==> flow/design.v <==
module ram_block #(
  parameter DEPTH = 8,
  parameter W = 2,
  parameter ABITS = $clog2(DEPTH)
) (
  input  clk_i,
  input  i_rst_n,
  input  [ABITS-1:0] address,
  input  write,
  input  [W-1:0] wr_data,
  output reg [W-1:0] rd
);
  reg [ABITS-1:0] address_s;
  reg write_s;
  reg [W-1:0] wr_data_s;
  always @(posedge clk_i or negedge i_rst_n) begin
    if (!i_rst_n) begin
      address_s <= 0;
      write_s <= 1'b0;
      wr_data_s <= 0;
    end else begin
      address_s <= address;
      write_s <= write;
      wr_data_s <= wr_data;
    end
  end
  reg [W-1:0] bank [0:DEPTH-1];
  always @(posedge clk_i)
    if (write_s) bank[address_s] <= wr_data_s;
  always @(posedge clk_i or negedge i_rst_n) begin
    if (!i_rst_n) begin
      rd <= 0;
    end else begin
      rd <= write_s ? wr_data_s : bank[address_s];
    end
  end
endmodule
-- Tool chain data of ram_block
Tool output for the design above, in the order of the flow.
Lines are those of the file above, counted from 1.
Operators: Yosys type, input widths -> output width; for muxes data width and select width s.
Library cell names are shortened.
The mark n/a stands for no value.
- design top: ram_block
- clock port: clk_i
- standard-cell library: sky130hd
- timing corner: tt_025C_1v80

-- Word-level counts
Counts by Yosys on the flattened word-level netlist (proc, flatten, opt, wreduce; memories kept). Register bits leave out memories and registers merged into their read ports (data or address); mux counts leave out enables and synchronous resets folded into registers. Print and check cells are left out. Cells with the same type and inputs are merged into one.
Memory sizes are those after Yosys's memory passes, which may raise the word count (mostly to a power of two), join words into wider ones and drop unused or constant bits.
- register bits: 6
- noted bits in writable memories: 16
- noted clocked read ports x word width: 2
- memories kept at 1
- noted bits of input ports: 8
- output and inout port bits: 2
- noted word-level cells: 8
- noted mux-type cells: 3
- reductions and logical operators: 1
- memory list (name ; depth ; bits a word ; rd ports ; write ports ; line ; text):
    bank ; 8 ; 2 ; 1 ; 1 ; 27 ; reg [W-1:0] bank [0:DEPTH-1];
- operator list (kind ; count):
    $mux 3 ; 1
    $mux 2 ; 1
    $logic_not 1->1 ; 1
    $mux 1 ; 1

-- Depth
Longest topological path by Yosys (ltp), each cell counted once; first at word level (registers and memories cut), then after technology mapping (sequential cells cut; the memories' decode and read muxes count).
- depth in word-level cells: 1
- ABC_AREA at 0
- depth in mapped cells: 5
- depth with buffers taken out: 4

-- Mapped cells and area
Yosys stat after the flow's synthesis: flattened, memories mapped to cells. It holds for the ABC_AREA given above (unset counts as 0); a run with the other value may have another netlist.
- noted cells in the netlist: 59
- chip area (Yosys) at 935.9 sq um
- area of sequential cells at 680.7 sq um
- flip-flop cells: 24
- noted buffer cells: 3
- cell types (type ; count ; area in all (sq um)):
    edfxtp_1 ; 16 ; 480.461
    dfrtp_1 ; 8 ; 200.192
    mux2i_1 ; 4 ; 40.038
    buf_6 ; 2 ; 22.522
    mux4_2 ; 1 ; 22.522
    nor2_1 ; 6 ; 22.522
    mux2_4 ; 1 ; 15.014
    nand2_1 ; 4 ; 15.014
    or2b_1 ; 2 ; 15.014
    nor3_1 ; 2 ; 10.01
    o32a_1 ; 1 ; 10.01
    or4b_1 ; 1 ; 10.01
    nand2b_2 ; 1 ; 8.758
    o221ai_1 ; 1 ; 8.758
    o22a_1 ; 1 ; 8.758
    buf_4 ; 1 ; 7.507
    nand3b_1 ; 1 ; 7.507
    nand2b_1 ; 1 ; 6.256
Other cell types: 5; their cells: 5.

-- Path before layout
Source: OpenSTA report_checks on the synthesized netlist (no wires, ideal clock, input and output delay 20% of the period each), path of least setup slack; recovery checks are left aside. Register names are those of the netlist, which keeps one name where synthesis merged equal registers.
- path kind: register to register
- start: register address_s[2]
- end: register rd[1]
- clock period at 1.64 ns
- noted library setup time: 0.126 ns
- noted time at the first pin: 0.000 ns
- arrival time: 1.189 ns
- required time: 1.514 ns
- slack at 0.325 ns
- path delay at 1.315 ns
- driving pins on the path: 6
- noted buffers on the path: 1
- noted period reached after synthesis: 1.315 ns
"path delay" is the arrival time less input delay plus setup time.
"driving pins on the path": output pins that drive a net of the path, with the launching flip-flop's if there is one; two outputs of one cell count as two.
"period reached after synthesis" = period - worst setup slack (recovery checks aside). The figure is calculated, with input and output delays left at 20% of the set period.
- cell sequence: dfrtp_1 > buf_6 > mux2_4 > nand2_1 > a21oi_1 > o32a_1
- ends and longest elaborated chain, post-synthesis (element ; line ; text):
    from (decl) ; 13 ; reg [ABITS-1:0] address_s;
    from (assign) ; 18 ; address_s <= 0;
    from (assign) ; 22 ; address_s <= address;
    to (decl) ; 11 ; output reg [W-1:0] rd
Chain of elaborated cells between the ends: none given.

-- Timing after layout
From the final timing report of job 1: the path of least setup slack in the routed layout; clock arrival at registers is part of the times.
- path kind: register to register
- start: register address_s[0]
- end: register rd[0]
- clock period at 1.59 ns
- noted library setup time: 0.10 ns
- noted time at the first pin: 0.31 ns
- arrival time: 1.58 ns
- required time: 1.80 ns
- slack at 0.22 ns
- driving pins on the path: 4
- noted buffers on the path: 0
- cell sequence: dfrtp_2 > mux4_2 > nor2b_4 > o22a_1
- ends and longest elaborated chain, after layout (element ; line ; text):
    from (decl) ; 13 ; reg [ABITS-1:0] address_s;
    from (assign) ; 18 ; address_s <= 0;
    from (assign) ; 22 ; address_s <= address;
    to (decl) ; 11 ; output reg [W-1:0] rd
Chain of elaborated cells between the ends: none given.

Hand-over note for ram_block

Measured data: module ram_block, platform sky130hd, 3 stored runs of the flow under differing settings, order arbitrary. Input and output delays are each 20% of the period that was set; the output load is 0.01 pF.
"time used up by the worst setup path" means the part of the period allowed to the worst setup path (the constraints hold back 20% at inputs and 20% at outputs) less its slack; where the path has registers, the arrival times of their clocks count too.
By "power" is meant OpenSTA's value without simulated activity: inputs other than the clock are taken to toggle once in ten clock periods, and the tool carries that through the logic.

Job 1
Settings were period_ns = 1.59; CORE_UTILIZATION = 66; SETUP_SLACK_MARGIN = 0.29; PLACE_DENSITY_LB_ADDON = 0.15; CORE_ASPECT_RATIO = 0.81; CELL_PAD_IN_SITES_GLOBAL_PLACEMENT = 0; CTS_CLUSTER_SIZE = 70; CTS_CLUSTER_DIAMETER = 75; CAP_MARGIN = 10; MIN_ROUTING_LAYER = met2; CORE_MARGIN = 2; SLEW_MARGIN = 20
- die footprint at 1736.9 sq um
- synthesized cell area: 935.9 sq um
- time used up by the worst setup path at 1.37 ns
- critical path kind: register to register
- noted the utilization after layout: 0.868
- worst setup slack after layout: 0.218 ns
- power: 1250 µW

Job 2
Settings were period_ns = 1.64; CAP_MARGIN = 20; CORE_MARGIN = 2; CORE_UTILIZATION = 40; SLEW_MARGIN = 20
- die footprint at 2742.6 sq um
- synthesized cell area: 935.9 sq um
- time used up by the worst setup path at 1.24 ns
- critical path kind: register to output
- noted the utilization after layout: 0.493
- worst setup slack after layout: 0.075 ns
- power: 1191 µW

Job 3
Settings were period_ns = 2.03; CORE_UTILIZATION = 56; PLACE_DENSITY = 0.54; HOLD_SLACK_MARGIN = 0.18; CELL_PAD_IN_SITES_GLOBAL_PLACEMENT = 1; TNS_END_PERCENT = 80; CAP_MARGIN = 40; SLEW_MARGIN = 25; MIN_ROUTING_LAYER = met2; CORE_MARGIN = 2
- die footprint at 2014.2 sq um
- synthesized cell area: 935.9 sq um
- time used up by the worst setup path at 1.22 ns
- critical path kind: register to output
- noted the utilization after layout: 0.688
- worst setup slack after layout: 0.400 ns
- power: 868.1 µW

End of note.
